==> flow/design.v <==
module ex_sum_block_rtl #(
  parameter int WIDTH = 72
) (
  input  logic CLK,
  input  logic [WIDTH-1:0] i_A,
  input  logic [WIDTH-1:0] i_B,
  input  logic i_ci,
  output logic [WIDTH-1:0] o_q,
  output logic o_cout
);
  logic [WIDTH-1:0] A_r;
  logic [WIDTH-1:0] B_r;
  logic ci_r;
  always_ff @(posedge CLK) begin
    A_r <= i_A;
    B_r <= i_B;
    ci_r <= i_ci;
  end
  logic [WIDTH:0] tmp;
  assign tmp = A_r + B_r + ci_r;
  assign o_q = tmp[WIDTH-1:0];
  assign o_cout = tmp[WIDTH];
endmodule
## Step by step through the tools: ex_sum_block_rtl

Tool output for the design above, in the order of the flow.
Lines are those of the file above, counted from 1.
Operators: Yosys type, input widths -> output width; for muxes data width and select width s.
Cell names lack the library's common part.
Not given: -

| inputs | value |
|---|---|
| top | ex_sum_block_rtl |
| clock input | CLK |
| library | sky130hd |
| library corner | tt_025C_1v80 |

## Elaborated design

Source: Yosys, flattened and elaborated, memories not mapped. Widths are those after wreduce; folded enables and synchronous resets count as part of the registers. Registers that Yosys merges into a memory's read port (data or address) are not register bits. Print and check cells do not count. Equal cells are merged and count once.

| word-level totals | value |
|---|---|
| register bits | 145 |
| input port bits | 146 |
| word-level cells | 5 |

| cells by class | value |
|---|---|
| $add $sub $neg | 2 |

Operators with widths:

| kind | count |
|---|---|
| $add 72x72->73 | 1 |
| $add 73x1->73 | 1 |

## Logic depth

Yosys ltp: most cells in a row. Word level: on the elaborated netlist, between registers, memories and ports. Mapped: between sequential cells and ports; inverters and the memories' decode and read muxes count.

| depth | value |
|---|---|
| word-level depth | 2 |
| ABC_AREA | 0 |
| depth in mapped cells | 11 |
| mapped depth without buffers | 11 |

## After synthesis

Yosys stat after the flow's synthesis: flattened, memories mapped to cells. It holds for the ABC_AREA given above (unset counts as 0); a run with the other value may have another netlist.

Cells by type:

| cell | count |
|---|---|
| dfxtp_1 | 145 |
| ha_1 | 71 |
| a21oi_1 | 88 |
| xnor2_1 | 36 |
| nand2_1 | 72 |
| xor2_1 | 30 |
| o21ai_0 | 43 |
| nor2_1 | 54 |
| a21o_1 | 26 |
| nand4_1 | 26 |
| o21bai_1 | 17 |
| a211oi_1 | 12 |
| o21a_1 | 10 |
| nor3_1 | 12 |
| clkbuf_1 | 15 |
| inv_1 | 15 |
| buf_2 | 11 |
| o31ai_1 | 7 |

Not listed: further types 47, cells in them 99.

| mapped netlist | value |
|---|---|
| mapped cells | 789 |
| mapped area | 7340.8 µm² |
| flip-flop cells | 145 |
| buffers | 32 |

## Worst setup path after synthesis

Source: OpenSTA report_checks on the synthesized netlist (no wires, ideal clock, input and output delay 20% of the period each), path of least setup slack; recovery checks are left aside. Register names are those of the netlist, which keeps one name where synthesis merged equal registers.

| path post-synthesis | value |
|---|---|
| kind | flip-flop to output port |
| start | register A_r[0] |
| end | output port o_q[68] |
| clock period | 4850 ps |
| external output delay | 970 ps |
| launch time at the first pin | 0 ps |
| data arrival time | 3105 ps |
| required time | 3880 ps |
| path slack | 775 ps |
| path delay | 3105 ps |
| driving pins on the path | 12 |
| synthesis period reached | 4075 ps |

"path delay" is the arrival time less input delay plus setup time.
A path that ends at an output port has no setup time.
"driving pins on the path" counts driving pins, that of a launching flip-flop among them; a cell with two outputs on the path counts twice.
"synthesis period reached" is the clock period less the worst setup slack; recovery checks do not enter. This is arithmetic on one report: input and output delays are still those of the set period (20% each).
Between the ends stands the longest chain of elaborated cells between them, by number of cells; it is not shown to be the way that was timed. Of several equally long chains one is given.
Each line given opens the expression or statement behind the cell; cells for indexed reads and writes are added by Yosys, which also makes memories of some case tables.

| on the way, post-synthesis | value |
|---|---|
| cells stage by stage | dfxtp_1 > fa_1 > fa_1 > a21oi_1 > o211ai_2 > a31oi_1 > a21oi_1 > a31oi_2 > o21ai_2 > a211oi_2 > o41ai_2 > xnor2_1 |
| cells in the longest elaborated chain | 2 |
| elaborated cells on any way between the ends | 2 |
| classes of those cells | add/sub (2) |

Ends and longest elaborated chain, post-synthesis:

| what | RTL line | text |
|---|---|---|
| start: declaration | 11 | `logic [WIDTH-1:0] A_r;` |
| start: assignment | 15 | `A_r <= i_A;` |
| $add 72x72->73 | 20 | `assign tmp = A_r + B_r + ci_r;` |
| $add 73x1->73 | 20 |  |
| end: declaration | 8 | `output logic [WIDTH-1:0] o_q,` |

## Timing after layout

Path of least setup slack in the final report of flow run 1 (OpenROAD, finished layout, wires in). Where an end is a register, its clock arrival counts in the times.
The path's times are printed in steps of 10 ps; the period is the one set.

| path after layout | value |
|---|---|
| kind | flip-flop to output port |
| start | register A_r[0] |
| end | output port o_q[47] |
| clock period | 4850 ps |
| external output delay | 970 ps |
| launch time at the first pin | 420 ps |
| data arrival time | 3780 ps |
| required time | 3880 ps |
| path slack | 100 ps |
| driving pins on the path | 13 |

Between the ends stands the longest chain of elaborated cells between them, by number of cells; it is not shown to be the way that was timed. Of several equally long chains one is given.

| on the way, after layout | value |
|---|---|
| cells stage by stage | dfxtp_1 > fa_2 > a211oi_2 > o31ai_4 > a31oi_4 > o211ai_2 > o31ai_4 > buf_4 > o21a_1 > o21ai_0 > a21oi_1 > xnor2_1 > clkdlybuf4s50_1 |
| cells in the longest elaborated chain | 2 |
| elaborated cells on any way between the ends | 2 |
| classes of those cells | add/sub (2) |

Ends and longest elaborated chain, after layout:

| what | RTL line | text |
|---|---|---|
| start: declaration | 11 | `logic [WIDTH-1:0] A_r;` |
| start: assignment | 15 | `A_r <= i_A;` |
| $add 72x72->73 | 20 | `assign tmp = A_r + B_r + ci_r;` |
| $add 73x1->73 | 20 |  |
| end: declaration | 8 | `output logic [WIDTH-1:0] o_q,` |

Hand-over note for ex_sum_block_rtl

Design ex_sum_block_rtl on sky130hd. What follows are 2 stored runs of the flow, each under its own settings; their order means nothing. The constraints put input and output delay at 20% of the set period each and load the outputs with 0.01 pF.
"period achieved": clock period set for the run, less the worst setup slack. It is reckoned from that one timing run; input and output delays stay at 20% of the period that was set.
"critical setup path time" = time allowed to the worst setup path (clock period - input delay - output delay, where it has them) - its slack; a late launch clock adds to it, a late capture clock takes from it.
By "overall power" is meant OpenSTA's value without simulated activity: inputs other than the clock are taken to toggle once in ten clock periods, and the tool carries that through the logic.
"critical setup path time" is given in steps of 10 ps.
Among the settings, - means not set for that run.

| stored run | period_ns | CAP_MARGIN | CORE_MARGIN | CORE_UTILIZATION | SLEW_MARGIN | PLACE_DENSITY_LB_ADDON | CELL_PAD_IN_SITES_DETAIL_PLACEMENT | TNS_END_PERCENT | GPL_ROUTABILITY_DRIVEN | CTS_CLUSTER_SIZE | MIN_ROUTING_LAYER | MAX_ROUTING_LAYER | worst setup slack after layout (ps) | post-synthesis cell area (µm²) | overall die area (µm²) | period achieved (ps) | smallest hold slack (ps) | overall power (uW) | standard-cell area after routing (µm²) | total negative slack (ps) | critical setup path time (ps) | class of the worst setup path |
|---|---|---|---|---|---|---|---|---|---|---|---|---|---|---|---|---|---|---|---|---|---|---|
| flow run 1 | 4.85 | 20 | 2 | 40 | 20 | - | - | - | - | - | - | - | 97 | 7340.8 | 19451.9 | 4753 | 983 | 3831 | 10532.6 | 0 | 3780 | flip-flop to output port |
| flow run 2 | 6.61 | 20 | 8 | 18 | 20 | 0.13 | 0 | 25 | 1 | 73 | met1 | met4 | 537 | 7340.8 | 47500.0 | 6073 | 1312 | 2821 | 10644.0 | 0 | 4750 | flip-flop to output port |

End of note.
